==> flow/design.v <==
module word #(parameter N = 8) (
  input wire clk,
  input wire en,
  input wire [N-1:0] d,
  output reg [N-1:0] q
);
  always @(posedge clk)
    if (en) q <= d;
endmodule
module sync_mem_v2 #(
  parameter NUM_REGS = 10,
  parameter WIDTH = 8,
  parameter NR = 8,
  parameter AWIDTH = $clog2(NUM_REGS)
) (
  input  ck,
  input  rst_i,
  input  in_wr_en,
  input  [AWIDTH-1:0] in_waddr,
  input  [WIDTH-1:0] in_write_data,
  input  [NR*AWIDTH-1:0] in_raddr,
  output [NR*WIDTH-1:0] out_dout
);
  reg wr_en_reg;
  reg [AWIDTH-1:0] waddr_reg;
  reg [WIDTH-1:0] write_data_reg;
  always @(posedge ck or posedge rst_i) begin
    if (rst_i) begin
      wr_en_reg <= 1'b0;
      waddr_reg <= 0;
      write_data_reg <= 0;
    end else begin
      wr_en_reg <= in_wr_en;
      waddr_reg <= in_waddr;
      write_data_reg <= in_write_data;
    end
  end
  wire [NUM_REGS*WIDTH-1:0] regs;
  genvar i;
  generate
    for (i = 0; i < NUM_REGS; i = i + 1) begin : each
      word #(.N(WIDTH)) i_sub (.clk(ck), .en(wr_en_reg && waddr_reg == i), .d(write_data_reg), .q(regs[i*WIDTH +: WIDTH]));
    end
  endgenerate
  reg [NR*AWIDTH-1:0] raddr_reg;
  always @(posedge ck or posedge rst_i) begin
    if (rst_i) begin
      raddr_reg <= 0;
    end else begin
      raddr_reg <= in_raddr;
    end
  end
  wire [NR*WIDTH-1:0] tmp;
  genvar j;
  generate
    for (j = 0; j < NR; j = j + 1) begin : gen
      assign tmp[j*WIDTH +: WIDTH] = regs[raddr_reg[j*AWIDTH +: AWIDTH]*WIDTH +: WIDTH];
    end
  endgenerate
  assign out_dout = tmp;
endmodule
# Reports on sync_mem_v2
# What the tools print for sync_mem_v2, step after step.
# Lines are those of the file above, counted from 1.
# Library cell names are shortened.
# The mark n/a stands for no value.
[inputs]
design = "sync_mem_v2"
clock_port = "ck"
library = "sky130hd"
pvt_corner = "tt_025C_1v80"

# After elaboration
# Source: Yosys, flattened and elaborated, memories not mapped. Widths are those after wreduce; folded enables and synchronous resets count as part of the registers. Registers that Yosys merges into a memory's read port (data or address) are not register bits. Print and check cells do not count. Equal cells are merged and count once.
[word_totals]
wordCells = 42
input_bits = 47
register_bits = 125
[op_classes]
reduce_logical = 11
shifts = 8
n_eq = 9
[ops]
columns = ["operator", "count"]
rows = [
  ["indexed select 80 x 8 -> 8 bit", 8],
  ["equality test 4 x 3 -> 1 bit with constant B", 4],
  ["logical AND 1 bit", 10],
  ["equality test 4 x 2 -> 1 bit with constant B", 2],
  ["equality test 4 bit with constant B", 2],
  ["equality test 4 x 1 -> 1 bit with constant B", 1],
  ["zero test 4 bit", 1],
]

# Longest topological paths
# Longest topological path by Yosys (ltp), each cell counted once; first at word level (registers and memories cut), then after technology mapping (sequential cells cut; the memories' decode and read muxes count).
[depth]
word_depth = 2
ABC_AREA = 0
depth_mapped = 5
depth_no_buf = 3

# After synthesis
# Source: synth_stat.txt of the flow (Yosys; design flattened, memories mapped). It holds for the ABC_AREA given above (unset counts as 0); a run with the other value may have another netlist.
[synth_totals]
area_um2 = 9111.2
buf_cells = 88
sequential_area_um2 = 3528.4
ffs = 125
mapped_cells = 710
[by_type]
columns = ["cell_type", "count", "type_area_um2"]
rows = [
  ["edfxtp_1", 80, 2.4E+03],
  ["dfrtp_1", 45, 1126.08],
  ["mux4_2", 40, 900.864],
  ["mux2i_1", 64, 640.614],
  ["mux4_1", 24, 630.605],
  ["o32ai_1", 64, 560.538],
  ["a211oi_1", 64, 480.461],
  ["mux2_1", 40, 450.432],
  ["nor2b_1", 64, 400.384],
  ["o22ai_1", 64, 400.384],
  ["buf_6", 26, 292.781],
  ["mux2_2", 24, 270.259],
  ["buf_2", 24, 120.115],
  ["buf_1", 29, 108.854],
  ["nand2_1", 17, 63.811],
  ["nand2b_1", 10, 62.56],
  ["nor2_1", 15, 56.304],
  ["buf_8", 3, 45.043],
]
# Not listed: further types 6, cells in them 13.
# The figures by module come from a second, unflattened synthesis with its own total; it is not the netlist above.
[unflattened]
cells_unflattened = 710
hier_area_um2 = 9125.0
# Rows give one instance, submodules left out.
[by_module]
columns = ["module", "cells", "mod_area_um2", "n_inst"]
rows = [
  ["sync_mem_v2", 630, 6722.7, 1],
  ["word (N=8)", 8, 240.2, 10],
]

# Path before layout
# Source: OpenSTA report_checks on the synthesized netlist (no wires, ideal clock, input and output delay 20% of the period each), path of least setup slack; recovery checks are left aside. Register names are those of the netlist, which keeps one name where synthesis merged equal registers.
[synth_path]
path_kind = "reg2reg"
from = "register waddr_reg[3]"
to = "register each[0].i_sub.q[0]"
launch_ns = 0.000
path_delay_ns = 1.857
t_arrival_ns = 1.474
setup_time_ns = 0.383
n_path_buf = 0
setup_slack_ns = 0.463
tclk_ns = 2.32
driving_pins = 3
period_less_setup_slack_ns = 1.857
# "path_delay_ns" = arrival - input delay + setup time.
# "driving_pins": output pins that drive a net of the path, with the launching flip-flop's if there is one; two outputs of one cell count as two.
# "period_less_setup_slack_ns" is the clock period less the worst setup slack; recovery checks do not enter. This is arithmetic on one report: input and output delays are still those of the set period (20% each).
# The rows between start and end are the longest chain of elaborated cells between them; the timing report does not say that the signal goes this way. Where chains are equally long, one stands for them.
# A line is the first line of the expression or statement that the cell stems from. Yosys adds cells for indexed reads and writes and turns some case tables into memories.
[synth_between]
cell_sequence = "dfrtp_1 or3b_2 nor3_1"
elab_chain_len = 2
cells_between = 2
[synth_lines]
columns = ["element", "line", "source"]
rows = [
  ["start: declaration", 25, "reg [AWIDTH-1:0] waddr_reg;"],
  ["start: assignment", 30, "waddr_reg <= 0;"],
  ["start: assignment", 34, "waddr_reg <= in_waddr;"],
  ["zero test 4 bit", 42, "word #(.N(WIDTH)) i_sub (.clk(ck), .en(wr_en_reg && waddr_reg == i), .d(write_data_reg), .q(regs[i*WIDTH +: WI ..."],
  ["logical AND 1 bit", 42, ""],
  ["end: assignment", 8, "if (en) q <= d;"],
  ["end: declaration", 5, "output reg [N-1:0] q"],
]

# Path in the finished layout
# From the final timing report of run A: the path of least setup slack in the routed layout; clock arrival at registers is part of the times.
[layout_path]
path_kind = "reg2out"
from = "register raddr_reg[4]"
to = "output out_dout[13]"
launch_ns = 0.43
tclk_ns = 1.79
t_arrival_ns = 2.14
driving_pins = 7
n_path_buf = 3
output_delay_ns = 0.36
setup_slack_ns = -0.71
# The rows between start and end are the longest chain of elaborated cells between them; the timing report does not say that the signal goes this way. Where chains are equally long, one stands for them.
[layout_between]
cell_sequence = "dfrtp_2 buf_6 buf_6 mux4_2 o22ai_4 o32ai_2 buf_2"
elab_chain_len = 1
cells_between = 1
[layout_lines]
columns = ["element", "line", "source"]
rows = [
  ["start: declaration", 45, "reg [NR*AWIDTH-1:0] raddr_reg;"],
  ["start: assignment", 48, "raddr_reg <= 0;"],
  ["start: assignment", 50, "raddr_reg <= in_raddr;"],
  ["indexed select 80 x 8 -> 8 bit", 57, "assign tmp[j*WIDTH +: WIDTH] = regs[raddr_reg[j*AWIDTH +: AWIDTH]*WIDTH +: WIDTH];"],
  ["end: declaration", 22, "output [NR*WIDTH-1:0] out_dout"],
]

# 3 stored runs of sync_mem_v2 in the flow (synthesis by Yosys, layout by OpenROAD, sky130hd cells), in arbitrary order. Constraints: input delay and output delay 20% of the set period each, output load 0.01 pF.

[[run]]
name = "run A"
[run.settings]
period_ns = 1.79
CORE_UTILIZATION = 20
SETUP_SLACK_MARGIN = -0.07
PLACE_DENSITY_LB_ADDON = 0.15
CORE_ASPECT_RATIO = 1.78
CORE_MARGIN = 7
CELL_PAD_IN_SITES_GLOBAL_PLACEMENT = 3
GPL_ROUTABILITY_DRIVEN = 1
CTS_CLUSTER_SIZE = 82
CTS_CLUSTER_DIAMETER = 81
CAP_MARGIN = 0
MAX_ROUTING_LAYER = "met4"
SLEW_MARGIN = 20
[run.results]
final_die_area_um2 = 51979.1
ys_area_um2 = 9111.2
setupTns_ns = -38.949
finish.stdcell_area_um2 = 14378.8
final_setup_ws_ns = -0.712

[[run]]
name = "run B"
[run.settings]
period_ns = 2.32
CAP_MARGIN = 20
CORE_MARGIN = 2
CORE_UTILIZATION = 40
SLEW_MARGIN = 20
[run.results]
final_die_area_um2 = 24001.8
ys_area_um2 = 9111.2
setupTns_ns = -14.246
finish.stdcell_area_um2 = 13544.2
final_setup_ws_ns = -0.346

[[run]]
name = "run C"
[run.settings]
period_ns = 1.17
CORE_UTILIZATION = 31
PLACE_DENSITY_LB_ADDON = 0.26
CELL_PAD_IN_SITES_GLOBAL_PLACEMENT = 3
CELL_PAD_IN_SITES_DETAIL_PLACEMENT = 0
ABC_AREA = 0
GPL_TIMING_DRIVEN = 0
CTS_CLUSTER_SIZE = 92
CTS_CLUSTER_DIAMETER = 197
MAX_ROUTING_LAYER = "met5"
CAP_MARGIN = 20
CORE_MARGIN = 2
SLEW_MARGIN = 20
[run.results]
final_die_area_um2 = 30779.2
ys_area_um2 = 9111.2
setupTns_ns = -85.504
finish.stdcell_area_um2 = 13591.8
final_setup_ws_ns = -1.208
